==> flow/design.v <==
module mul_rtl (clock, rst_i, op_a_i, op_b_i, m_o);
  parameter BITS = 36;
  parameter WB = 16;
  input clock;
  input rst_i;
  input [BITS-1:0] op_a_i;
  input [WB-1:0] op_b_i;
  output reg [BITS+WB-1:0] m_o;
  reg [BITS-1:0] op_a_d1;
  reg [WB-1:0] op_b_d1;
  always @(posedge clock or posedge rst_i) begin
    if (rst_i) begin
      op_a_d1 <= 0;
      op_b_d1 <= 0;
      m_o <= 0;
    end else begin
      op_a_d1 <= op_a_i;
      op_b_d1 <= op_b_i;
      m_o <= op_a_d1 * op_b_d1;
    end
  end
endmodule
# Step by step through the tools: mul_rtl
# Tool output for the design above, in the order of the flow.
# Lines are those of the file above, counted from 1.
# Operators carry their Yosys type and port widths (W data, S select, Z words).
# Cell names lack the library's common part.
# A cell with -- has no value.
[design]
design = "mul_rtl"
clk_port = "clock"
lib = "sky130hd"
pvt_corner = "tt_025C_1v80"

# After elaboration
# Yosys after proc, flatten, opt, wreduce and memory -nomap, before mapping. Enables and synchronous resets that opt folds into registers are not counted as muxes. Memory bits, and registers merged into a memory's read port (data or address), are not among the register bits. Print and check cells are not counted. Equal cells are merged and count once.
[op_classes]
mul = 1
[ops]
columns = ["operator", "n"]
rows = [
  ["$mul A36 B16 Y52", 1],
]
[word_totals]
reg_bits = 104
input_bits = 54
output_inout_bits = 52
word_cells = 4

# Logic depth
# Yosys ltp: most cells in a row. Word level: on the elaborated netlist, between registers, memories and ports. Mapped: between sequential cells and ports; inverters and the memories' decode and read muxes count.
[depth]
word_depth = 1
abc_area = 0
mapped_depth = 25
mapped_depth_nobuf = 23

# Mapped cells and area
# Yosys stat after the flow's synthesis: flattened, memories mapped to cells. It holds for the ABC_AREA given above (unset counts as 0); a run with the other value may have another netlist.
# Totals and module areas in this step are rounded.
[mapped]
stdcells = 2210
mapped_area_um2 = 20700
ff_cells = 104
[by_type]
columns = ["cell_type", "n", "area_total_um2"]
rows = [
  ["fa_1", 474, 9.49E+03],
  ["dfrtp_1", 104, 2.6E+03],
  ["inv_1", 494, 1.85E+03],
  ["ha_1", 124, 1.55E+03],
  ["and2_1", 231, 1.45E+03],
  ["nand2_1", 381, 1.43E+03],
  ["clkbuf_1", 108, 405.389],
  ["xnor2_1", 32, 280.269],
  ["a21oi_1", 45, 225.216],
  ["a21o_1", 24, 180.173],
  ["nor2_1", 40, 150.144],
  ["xor2_1", 16, 140.134],
  ["o21ai_0", 21, 105.101],
  ["nand4_1", 14, 87.584],
  ["o21bai_1", 9, 67.565],
  ["nand3_1", 12, 60.058],
  ["nor3_1", 11, 55.053],
  ["a31oi_1", 7, 43.792],
]
# Other cell types: 35; their cells: 63.

# Timing after synthesis
# Source: OpenSTA report_checks on the synthesized netlist (no wires, ideal clock, input and output delay 20% of the period each), path of least setup slack; recovery checks are left aside. Register names are those of the netlist, which keeps one name where synthesis merged equal registers.
[synth_timing]
path_kind = "register to register"
start = "register op_b_d1[1]"
end = "register m_o[51]"
clock_period_ps = 7640
setup_ps = 140
t_first_pin_ps = 0
arrival_time_ps = 5971
required_time_ps = 7500
setup_slack_ps = 1529
delay_ps = 6111
stages = 23
path_buffers = 3
period_less_setup_slack_ps = 6111
# "delay_ps" is the arrival time less input delay plus setup time.
# "stages": output pins that drive a net of the path, with the launching flip-flop's if there is one; two outputs of one cell count as two.
# "period_less_setup_slack_ps" is the clock period less the worst setup slack; recovery checks do not enter. This is arithmetic on one report: input and output delays are still those of the set period (20% each).
# The rows between start and end are the longest chain of elaborated cells between them; the timing report does not say that the signal goes this way. Where chains are equally long, one stands for them.
# A line is the first line of the expression or statement that the cell stems from. Yosys adds cells for indexed reads and writes and turns some case tables into memories.
[synth_via]
path_cell_list = "dfrtp_1 clkbuf_1 clkbuf_1 nand2_1 fa_1 inv_1 fa_1 fa_1 fa_1 fa_1 inv_1 fa_1 inv_1 ha_1 clkbuf_1 a21oi_1 nand2_1 a21o_1 a211o_1 a32o_1 a21o_1 a2111oi_0 a211oi_1"
elab_chain_cells = 1
cells_between = 1
lines_between = 1
classes_between = "mul: 1"
[synth_lines]
columns = ["element", "line", "source"]
rows = [
  ["start: declaration", 10, "reg [WB-1:0] op_b_d1;"],
  ["start: assignment", 14, "op_b_d1 <= 0;"],
  ["start: assignment", 18, "op_b_d1 <= op_b_i;"],
  ["$mul A36 B16 Y52", 19, "m_o <= op_a_d1 * op_b_d1;"],
  ["end: assignment", 15, "m_o <= 0;"],
  ["end: assignment", 19, ""],
  ["end: declaration", 8, "output reg [BITS+WB-1:0] m_o;"],
]

# Worst path after layout
# From the final timing report of record 1: the path of least setup slack in the routed layout; clock arrival at registers is part of the times.
# The path's times are printed in steps of 10 ps; the period is the one set.
[layout_timing]
path_kind = "register to register"
start = "register op_b_d1[12]"
end = "register m_o[49]"
clock_period_ps = 5700
setup_ps = 80
t_first_pin_ps = 400
arrival_time_ps = 7630
required_time_ps = 6010
setup_slack_ps = -1620
stages = 22
path_buffers = 3
# The rows between start and end are the longest chain of elaborated cells between them; the timing report does not say that the signal goes this way. Where chains are equally long, one stands for them.
[layout_via]
path_cell_list = "dfrtp_1 buf_8 clkbuf_16 buf_4 nand2_1 fa_1 inv_1 fa_1 inv_1 fa_1 fa_1 fa_1 fa_1 inv_1 ha_4 nand4_1 nor3_4 nand3_2 a311oi_4 nor4_2 nor2_1 xor2_1"
elab_chain_cells = 1
cells_between = 1
lines_between = 1
classes_between = "mul: 1"
[layout_lines]
columns = ["element", "line", "source"]
rows = [
  ["start: declaration", 10, "reg [WB-1:0] op_b_d1;"],
  ["start: assignment", 14, "op_b_d1 <= 0;"],
  ["start: assignment", 18, "op_b_d1 <= op_b_i;"],
  ["$mul A36 B16 Y52", 19, "m_o <= op_a_d1 * op_b_d1;"],
  ["end: assignment", 15, "m_o <= 0;"],
  ["end: assignment", 19, ""],
  ["end: declaration", 8, "output reg [BITS+WB-1:0] m_o;"],
]

# Record of 2 stored runs of the RTL-to-layout flow on mul_rtl, platform sky130hd. The runs are unordered. Constraints: input delay and output delay 20% of the set period each, output load 0.01 pF.
# "period_reached_ps" is the run's clock period less its worst setup slack. It is reckoned from that one timing run; input and output delays stay at 20% of the period that was set.
# "critical_path_time_ps" means the part of the period allowed to the worst setup path (the constraints hold back 20% at inputs and 20% at outputs) less its slack; where the path has registers, the arrival times of their clocks count too.
# "critical_path_time_ps" is given in steps of 10 ps.
# Values from the reports are rounded here.

[[run]]
name = "record 1"
[run.settings]
period_ns = 5.7
CORE_UTILIZATION = 68
PLACE_DENSITY_LB_ADDON = 0.14
TNS_END_PERCENT = 85
GPL_TIMING_DRIVEN = 0
CAP_MARGIN = 5
SLEW_MARGIN = 0
CORE_MARGIN = 2
[run.results]
yosys_chip_area_um2 = 20700
dieArea_um2 = 31900
cell_area_final_um2 = 26100
utilization_frac = 0.875
fin_ws_ps = -1620
tns_setup_ps = -33400
hold_ws_ps = 727
period_reached_ps = 7317
critical_path_time_ps = 7320
path_kind = "register to register"

[[run]]
name = "record 2"
[run.settings]
period_ns = 7.64
CAP_MARGIN = 20
CORE_MARGIN = 2
CORE_UTILIZATION = 40
SLEW_MARGIN = 20
[run.results]
yosys_chip_area_um2 = 20700
dieArea_um2 = 53600
cell_area_final_um2 = 22700
utilization_frac = 0.443
fin_ws_ps = 667
tns_setup_ps = 0
hold_ws_ps = 849
period_reached_ps = 6973
critical_path_time_ps = 6970
path_kind = "register to register"
